==> flow/design.v <==
module cpu_mem_rtl #(
    parameter integer D = 24,
    parameter integer XLEN = 6,
    parameter integer ABITS = $clog2(D)
) (
    input  wire ck,
    input  wire rst_n,
    input  wire wen_i,
    input  wire [ABITS-1:0] wa_i,
    input  wire [XLEN-1:0] write_data_i,
    input  wire [ABITS-1:0] rd_idx0_i,
    input  wire [ABITS-1:0] rd_idx1_i,
    output wire [XLEN-1:0] rd0_o,
    output wire [XLEN-1:0] rd1_o
);
    reg wen_q;
    always @(posedge ck or negedge rst_n) begin
        if (~rst_n) begin
            wen_q <= 1'b0;
        end else begin
            wen_q <= wen_i;
        end
    end
    reg [ABITS-1:0] wa_q;
    always @(posedge ck or negedge rst_n) begin
        if (~rst_n) begin
            wa_q <= 0;
        end else begin
            wa_q <= wa_i;
        end
    end
    reg [XLEN-1:0] write_data_q;
    always @(posedge ck or negedge rst_n) begin
        if (~rst_n) begin
            write_data_q <= 0;
        end else begin
            write_data_q <= write_data_i;
        end
    end
    reg [XLEN-1:0] gpr [0:D-1];
    always @(posedge ck) begin
        if (wen_q)
            gpr[wa_q] <= write_data_q;
    end
    reg [ABITS-1:0] rd_idx0_q;
    always @(posedge ck or negedge rst_n) begin
        if (~rst_n) begin
            rd_idx0_q <= 0;
        end else begin
            rd_idx0_q <= rd_idx0_i;
        end
    end
    reg [ABITS-1:0] rd_idx1_q;
    always @(posedge ck or negedge rst_n) begin
        if (~rst_n) begin
            rd_idx1_q <= 0;
        end else begin
            rd_idx1_q <= rd_idx1_i;
        end
    end
    assign rd0_o = gpr[rd_idx0_q];
    assign rd1_o = gpr[rd_idx1_q];
endmodule
# From RTL to reports: cpu_mem_rtl
# Tool output for the design above, in the order of the flow.
# Lines are those of the file above, counted from 1.
# A cell with - has no value.
[setup] design="cpu_mem_rtl" clk_port="ck" lib="sky130hd" corner="tt_025C_1v80"

# After elaboration
# Counts by Yosys on the flattened word-level netlist (proc, flatten, opt, wreduce; memories kept). Register bits leave out memories and registers merged into their read ports (data or address); mux counts leave out enables and synchronous resets folded into registers. Print and check cells are left out. Cells with the same type and inputs are merged into one.
# Memory sizes are those after Yosys's memory passes, which may raise the word count (mostly to a power of two), join words into wider ones and drop unused or constant bits.
[classes] bitwise=0 n_cmp=0 div_mod_pow=0 muxes=3 mul=0 shift=0 n_reduce_logical=0 n_eq=0 addsub=0
[op_table] operator="6-bit two-way mux" n=1
[op_table] operator="5-bit two-way mux" n=1
[op_table] operator="1-bit two-way mux" n=1
[word_totals] latch_bits=0 clocked_rd_ports_x_width=0 mem_bits_rw=144 memories=1 regBits=22 rom_bits=0
[memory_table] name="gpr" words=24 width=6 read_ports=2 write_ports=1 line_no=40 text="reg [XLEN-1:0] gpr [0:D-1];"

# Longest topological paths
# Depth = most cells in a row (Yosys ltp): at word level without a register or memory, in the mapped netlist without a sequential cell, where the memories' decode and read muxes count.
[depth] depth_word=1 ABC_AREA=0 depth_mapped=7 mapped_depth_nobuf=4

# Mapped cells and area
# The flow's flattened synthesis, as Yosys stat reports it; memories are mapped. The netlist is that of the ABC_AREA named above (0 if unset); the other value can give another one.
# The area totals of this step are shown rounded.
[by_type] cell_type="sky130_fd_sc_hd__edfxtp_1" n=144 area_total_um2=4.32E+03
[by_type] cell_type="sky130_fd_sc_hd__mux2i_1" n=84 area_total_um2=840.806
[by_type] cell_type="sky130_fd_sc_hd__dfrtp_1" n=22 area_total_um2=550.528
[by_type] cell_type="sky130_fd_sc_hd__mux4_2" n=18 area_total_um2=405.389
[by_type] cell_type="sky130_fd_sc_hd__mux4_1" n=12 area_total_um2=315.302
[by_type] cell_type="sky130_fd_sc_hd__a22oi_1" n=36 area_total_um2=270.259
[by_type] cell_type="sky130_fd_sc_hd__nand2_1" n=37 area_total_um2=138.883
[by_type] cell_type="sky130_fd_sc_hd__mux2_2" n=12 area_total_um2=135.13
[by_type] cell_type="sky130_fd_sc_hd__nor2_1" n=29 area_total_um2=108.854
[by_type] cell_type="sky130_fd_sc_hd__buf_6" n=6 area_total_um2=67.565
[by_type] cell_type="sky130_fd_sc_hd__buf_2" n=11 area_total_um2=55.053
[by_type] cell_type="sky130_fd_sc_hd__o221ai_1" n=6 area_total_um2=52.55
[by_type] cell_type="sky130_fd_sc_hd__nor2b_1" n=8 area_total_um2=50.048
[by_type] cell_type="sky130_fd_sc_hd__o211ai_1" n=6 area_total_um2=45.043
[by_type] cell_type="sky130_fd_sc_hd__nand4_1" n=6 area_total_um2=37.536
[by_type] cell_type="sky130_fd_sc_hd__nand3_1" n=7 area_total_um2=35.034
[by_type] cell_type="sky130_fd_sc_hd__nand3b_1" n=4 area_total_um2=30.029
[by_type] cell_type="sky130_fd_sc_hd__or3b_2" n=3 area_total_um2=26.275
# Not listed: further types 9, cells in them 17.
[synth_totals] buf_cells=27 cell_count=468 seqArea_mm2=0.00487 yosys_area_mm2=0.00759 ffs=166

# Path before layout
# OpenSTA on the mapped netlist: ideal clock, no wires. The path of least setup slack (recovery checks aside). Input and output delay are each 20% of the period. Register names are those of the netlist, which keeps one name where synthesis merged equal registers.
[synth_path] kind="reg2out" startpoint="reg rd_idx1_q[0]" endpoint="out rd1_o[0]" clock_period_ps=2450 arrival_ps=1571 setup_slack_ps=389 delay_ps=1571 out_delay_ps=490 n_path_buf=1 stages=6 period_less_setup_slack_ps=2061
# "delay_ps" = arrival - input delay + setup time.
# A path that ends at an output port has no setup time.
# "stages" counts driving pins, that of a launching flip-flop among them; a cell with two outputs on the path counts twice.
# "period_less_setup_slack_ps" is the clock period less the worst setup slack; recovery checks do not enter. This is arithmetic on one report: input and output delays are still those of the set period (20% each).
# The rows between start and end are the longest chain of elaborated cells between them; the timing report does not say that the signal goes this way. Where chains are equally long, one stands for them.
# Each line given opens the expression or statement behind the cell; cells for indexed reads and writes are added by Yosys, which also makes memories of some case tables.
# The chain passes a memory read, where the word-level depth is cut; so it can be longer than that depth.
[synth_via] cell_sequence="sky130_fd_sc_hd__dfrtp_1 > sky130_fd_sc_hd__buf_6 > sky130_fd_sc_hd__mux4_1 > sky130_fd_sc_hd__mux2_2 > sky130_fd_sc_hd__nand2_1 > sky130_fd_sc_hd__o221ai_1" elab_chain_len=1 cone_cells=1 cone_lines=1 classes_between="1 x memory"
[synth_lines] element="start: declaration" line_no=53 text="reg [ABITS-1:0] rd_idx1_q;"
[synth_lines] element="start: assignment" line_no=56 text="rd_idx1_q <= 0;"
[synth_lines] element="start: assignment" line_no=58 text="rd_idx1_q <= rd_idx1_i;"
[synth_lines] element="memory 24 x 6 bit" line_no=40 text="reg [XLEN-1:0] gpr [0:D-1];"
[synth_lines] element="end: declaration" line_no=14 text="output wire [XLEN-1:0] rd1_o"

# Timing after layout
# From the final timing report of job 1: the path of least setup slack in the routed layout; clock arrival at registers is part of the times.
# The path's times are printed in steps of 10 ps; the period is the one set.
[layout_path] kind="reg2out" startpoint="reg rd_idx0_q[0]" endpoint="out rd0_o[4]" stages=9 arrival_ps=2280 setup_slack_ps=-320 clock_period_ps=2450 out_delay_ps=490 n_path_buf=4
# The rows between start and end are the longest chain of elaborated cells between them; the timing report does not say that the signal goes this way. Where chains are equally long, one stands for them.
# The chain passes a memory read, where the word-level depth is cut; so it can be longer than that depth.
[layout_via] cell_sequence="sky130_fd_sc_hd__dfrtp_2 > sky130_fd_sc_hd__buf_12 > sky130_fd_sc_hd__buf_6 > sky130_fd_sc_hd__buf_4 > sky130_fd_sc_hd__mux2i_1 > sky130_fd_sc_hd__a22oi_1 > sky130_fd_sc_hd__nand4_1 > sky130_fd_sc_hd__nand3_2 > sky130_fd_sc_hd__buf_6" elab_chain_len=1 cone_cells=1 cone_lines=1 classes_between="1 x memory"
[layout_lines] element="start: declaration" line_no=45 text="reg [ABITS-1:0] rd_idx0_q;"
[layout_lines] element="start: assignment" line_no=48 text="rd_idx0_q <= 0;"
[layout_lines] element="start: assignment" line_no=50 text="rd_idx0_q <= rd_idx0_i;"
[layout_lines] element="memory 24 x 6 bit" line_no=40 text="reg [XLEN-1:0] gpr [0:D-1];"
[layout_lines] element="end: declaration" line_no=13 text="output wire [XLEN-1:0] rd0_o,"

FLOW RESULTS
============

Flow measurements of cpu_mem_rtl on sky130hd: 2 stored runs with different settings, listed in no order. Input and output delays are each 20% of the period that was set; the output load is 0.01 pF.
"worst setup path time" = time allowed to the worst setup path (clock period - input delay - output delay, where it has them) - its slack; a late launch clock adds to it, a late capture clock takes from it.
"worst setup path time" is known to 10 ps.
Results are given in rounded form.
[job 1] settings: period_ns=2.45, CAP_MARGIN=20, CORE_MARGIN=2, CORE_UTILIZATION=40, SLEW_MARGIN=20
[job 1] result: chip area after synthesis (Yosys) 0.00759 mm², die area 0.0201 mm², standard-cell area of the final layout 0.00924 mm², worst setup slack after layout -318 ps, total negative slack -2600 ps, worst setup path time 2280 ps, worst setup path kind reg2out
[job 2] settings: period_ns=2.13, CORE_UTILIZATION=16, PLACE_DENSITY=0.58, CORE_MARGIN=7, ABC_AREA=0, MIN_ROUTING_LAYER=met2, CAP_MARGIN=20, SLEW_MARGIN=20
[job 2] result: chip area after synthesis (Yosys) 0.00759 mm², die area 0.0537 mm², standard-cell area of the final layout 0.0103 mm², worst setup slack after layout -630 ps, total negative slack -6210 ps, worst setup path time 2330 ps, worst setup path kind reg2out
